==> flow/design.v <==
module sync_mul_core_mod #(
    parameter W = 3
) (
    input  sys_clk,
    input  srst,
    input  signed [W-1:0] rs1_i,
    input  signed [W-1:0] rs2_i,
    output reg signed [2*W-1:0] res_o
);
    reg signed [W-1:0] rs1_d1;
    always @(posedge sys_clk or posedge srst) begin
        if (srst) begin
            rs1_d1 <= 0;
        end else begin
            rs1_d1 <= rs1_i;
        end
    end
    reg signed [W-1:0] rs2_d1;
    always @(posedge sys_clk or posedge srst) begin
        if (srst) begin
            rs2_d1 <= 0;
        end else begin
            rs2_d1 <= rs2_i;
        end
    end
    always @(posedge sys_clk or posedge srst) begin
        if (srst) begin
            res_o <= 0;
        end else begin
            res_o <= rs1_d1 * rs2_d1;
        end
    end
endmodule
**Reports on sync_mul_core_mod**

Module sync_mul_core_mod in several versions that differ in "W"; each step lists the members.
The RTL above is that of W=3; lines are counted from 1 in the file of the member named.
Cell names lack the library's common part.
A cell with n/a has no value.

- Design top: sync_mul_core_mod
- Clock port: sys_clk
- Library: sky130hd
- Timing corner: tt_025C_1v80

**Source of the members**

New or changed lines of each further member against the RTL above, in its own file; lines it lacks are not shown.

New or changed lines:

| W | RTL line | text |
|---|---|---|
| 5 | 2 | `parameter W = 5` |
| 10 | 2 | `parameter W = 10` |
| 14 | 2 | `parameter W = 14` |

**Elaborated design**

Source: Yosys, flattened and elaborated, memories not mapped. Widths are those after wreduce; folded enables and synchronous resets count as part of the registers. Registers that Yosys merges into a memory's read port (data or address) are not register bits. Print and check cells do not count. Equal cells are merged and count once.

Word-level totals:

| W | bits of input ports | register bits |
|---|---|---|
| 3 | 8 | 12 |
| 5 | 12 | 20 |
| 10 | 22 | 40 |
| 14 | 30 | 56 |

Operators by class:

| W | multiply operators |
|---|---|
| 3 | 1 |
| 5 | 1 |
| 10 | 1 |
| 14 | 1 |

Operators with widths:

| W | kinds with counts |
|---|---|
| 3 | 1 x 3-bit by 3-bit multiplier with 6-bit output |
| 5 | 1 x 5-bit by 5-bit multiplier with 10-bit output |
| 10 | 1 x 10-bit by 10-bit multiplier with 20-bit output |
| 14 | 1 x 14-bit by 14-bit multiplier with 28-bit output |

**Logic depth**

Yosys ltp: most cells in a row. Word level: on the elaborated netlist, between registers, memories and ports. Mapped: between sequential cells and ports; inverters and the memories' decode and read muxes count.

Logic depth:

| W | depth in word-level cells | ABC_AREA | depth in mapped cells | depth with buffers taken out |
|---|---|---|---|---|
| 3 | 1 | 0 | 8 | 8 |
| 5 | 1 | 0 | 12 | 12 |
| 10 | 1 | 0 | 19 | 18 |
| 14 | 1 | 0 | 21 | 20 |

**After synthesis**

Source: synth_stat.txt of the flow (Yosys; design flattened, memories mapped). It holds for the ABC_AREA given above (unset counts as 0); a run with the other value may have another netlist.

Mapped netlist:

| W | chip area (Yosys) (µm²) | buffer cells | sequential area (µm²) | mapped flip-flops | mapped cells |
|---|---|---|---|---|---|
| 3 | 543.0 | 0 | 300.3 | 12 | 40 |
| 5 | 1476.4 | 0 | 500.5 | 20 | 132 |
| 10 | 5079.9 | 17 | 1001.0 | 40 | 522 |
| 14 | 9206.3 | 33 | 1401.3 | 56 | 919 |

Cell types:

| W | types with counts |
|---|---|
| 3 | 12 x dfrtp_1; 4 x fa_1; 5 x ha_1; 7 x inv_1; 3 x and2_1; 2 x xnor2_1; 2 x nand2b_1; 3 x nand2_1; 1 x xor2_1; 1 x o21ai_0 |
| 5 | 20 x dfrtp_1; 17 x fa_1; 15 x ha_1; 18 x and2_1; 29 x inv_1; 7 x xnor2_1; 3 x nor2b_1; 1 x a211oi_2; 1 x mux2_2; 3 x nand2_1; 3 x nor2_1; 2 x a21oi_1; 2 x o21ai_0; 1 x a21oi_2; 1 x o2111ai_1; 1 x xor2_1; 1 x a21o_1; 1 x o211ai_1; (+6) |
| 10 | 91 x fa_1; 40 x dfrtp_1; 49 x ha_1; 141 x inv_1; 64 x nand2_1; 33 x and2_1; 18 x xnor2_1; 17 x clkbuf_1; 12 x a21oi_1; 12 x nor2_1; 4 x xor2_1; 4 x a21o_1; 2 x a211oi_2; 4 x a31oi_1; 4 x nand2b_1; 3 x o21bai_1; 2 x o21ai_2; 1 x a311oi_2; (+21) |
| 14 | 195 x fa_1; 56 x dfrtp_1; 67 x ha_1; 214 x inv_1; 104 x and2_1; 89 x nand2_1; 25 x xnor2_1; 27 x clkbuf_1; 22 x nor2_1; 13 x a21oi_1; 10 x nand3_1; 9 x o21ai_0; 7 x nor2b_1; 5 x xor2_1; 5 x nand2b_1; 4 x a21o_1; 5 x o21ai_1; 3 x a211oi_1; (+59) |

The mark (+n) counts cells that are not listed.

**Path before layout**

Path of least setup slack by OpenSTA after synthesis, without wires, with an ideal clock, recovery checks aside; 20% of the period is set as input and as output delay. Where synthesis merged equal registers, the netlist keeps one of their names.

Timing path post-synthesis:

| W | path kind | start point | end point | slack (ns) | stages on the path | period (ns) | path delay (ns) | period reached after synthesis (ns) |
|---|---|---|---|---|---|---|---|---|
| 3 | flip-flop to flip-flop | register rs1_d1[0] | register res_o[5] | 0.606 | 9 | 3.02 | 2.414 | 2.414 |
| 5 | flip-flop to flip-flop | register rs1_d1[0] | register res_o[9] | 0.838 | 11 | 4.17 | 3.333 | 3.332 |
| 10 | flip-flop to flip-flop | register rs1_d1[9] | register res_o[18] | 1.214 | 17 | 6.06 | 4.846 | 4.846 |
| 14 | flip-flop to flip-flop | register rs1_d1[13] | register res_o[27] | 1.409 | 20 | 7.03 | 5.621 | 5.621 |

"path delay" = arrival - input delay + setup time.
"stages on the path": output pins that drive a net of the path, with the launching flip-flop's if there is one; two outputs of one cell count as two.
"period reached after synthesis" is the clock period less the worst setup slack; recovery checks do not enter. This is arithmetic on one report: input and output delays are still those of the set period (20% each).
Between the ends stands the longest chain of elaborated cells between them, by number of cells; it is not shown to be the way that was timed. Of several equally long chains one is given.
Each line given opens the expression or statement behind the cell; cells for indexed reads and writes are added by Yosys, which also makes memories of some case tables.

Between the ends, post-synthesis, W=3:
- Cells in the longest elaborated chain: 1

RTL lines, path post-synthesis, W=3:

| what | RTL line | text |
|---|---|---|
| start: declaration | 10 | `reg signed [W-1:0] rs1_d1;` |
| start: assignment | 13 | `rs1_d1 <= 0;` |
| start: assignment | 15 | `rs1_d1 <= rs1_i;` |
| 3-bit by 3-bit multiplier with 6-bit output | 30 | `res_o <= rs1_d1 * rs2_d1;` |
| end: assignment | 28 | `res_o <= 0;` |
| end: assignment | 30 |  |
| end: declaration | 8 | `output reg signed [2*W-1:0] res_o` |

Between the ends, post-synthesis, W=14:
- Cells in the longest elaborated chain: 1

RTL lines, path post-synthesis, W=14:

| what | RTL line | text |
|---|---|---|
| start: declaration | 10 | `reg signed [W-1:0] rs1_d1;` |
| start: assignment | 13 | `rs1_d1 <= 0;` |
| start: assignment | 15 | `rs1_d1 <= rs1_i;` |
| 14-bit by 14-bit multiplier with 28-bit output | 30 | `res_o <= rs1_d1 * rs2_d1;` |
| end: assignment | 28 | `res_o <= 0;` |
| end: assignment | 30 |  |
| end: declaration | 8 | `output reg signed [2*W-1:0] res_o` |

**Worst path after layout**

From the final timing report of each member's run: the path of least setup slack in the routed layout; clock arrival at registers is part of the times.

Timing path after layout:

| W | path kind | start point | end point | slack (ns) | arrival (ns) | period (ns) | stages on the path |
|---|---|---|---|---|---|---|---|
| 3 | flip-flop to flip-flop | register rs2_d1[0] | register res_o[5] | 0.51 | 2.70 | 3.02 | 9 |
| 5 | flip-flop to flip-flop | register rs1_d1[0] | register res_o[9] | 0.65 | 3.69 | 4.17 | 11 |
| 10 | flip-flop to flip-flop | register rs2_d1[5] | register res_o[18] | 0.98 | 5.31 | 6.06 | 16 |
| 14 | flip-flop to flip-flop | register rs2_d1[5] | register res_o[26] | 0.84 | 6.43 | 7.03 | 20 |

**Layout results**

One run of the flow (Yosys, OpenROAD) for each member, with settings and measured results. Input and output delays are each 20% of the period that was set; the output load is 0.01 pF.

- CAP_MARGIN: 20
- CORE_MARGIN: 2
- CORE_UTILIZATION: 40
- SLEW_MARGIN: 20

Settings that differ:

| W | period_ns |
|---|---|
| 3 | 3.02 |
| 5 | 4.17 |
| 10 | 6.06 |
| 14 | 7.03 |

Measured results:

| W | sum of negative setup slack (ns) | die outline area (µm²) | chip area in the Yosys report (µm²) | clock period achieved (ns) | post-layout utilization (%) | setup slack of the critical path (ns) | worst hold slack (ns) | standard-cell area after routing (µm²) |
|---|---|---|---|---|---|---|---|---|
| 3 | 0.000 | 1668.3 | 543.0 | 2.506 | 56.7 | 0.514 | 0.499 | 728.2 |
| 5 | 0.000 | 4193.2 | 1476.4 | 3.516 | 50.4 | 0.654 | 0.543 | 1818.0 |
| 10 | 0.000 | 13616.6 | 5079.9 | 5.084 | 46.5 | 0.976 | 0.703 | 5820.6 |
| 14 | 0.000 | 24245.6 | 9206.3 | 6.194 | 44.9 | 0.836 | 0.799 | 10161.0 |

"clock period achieved" means the clock period less the worst setup slack. The figure is calculated, with input and output delays left at 20% of the set period.
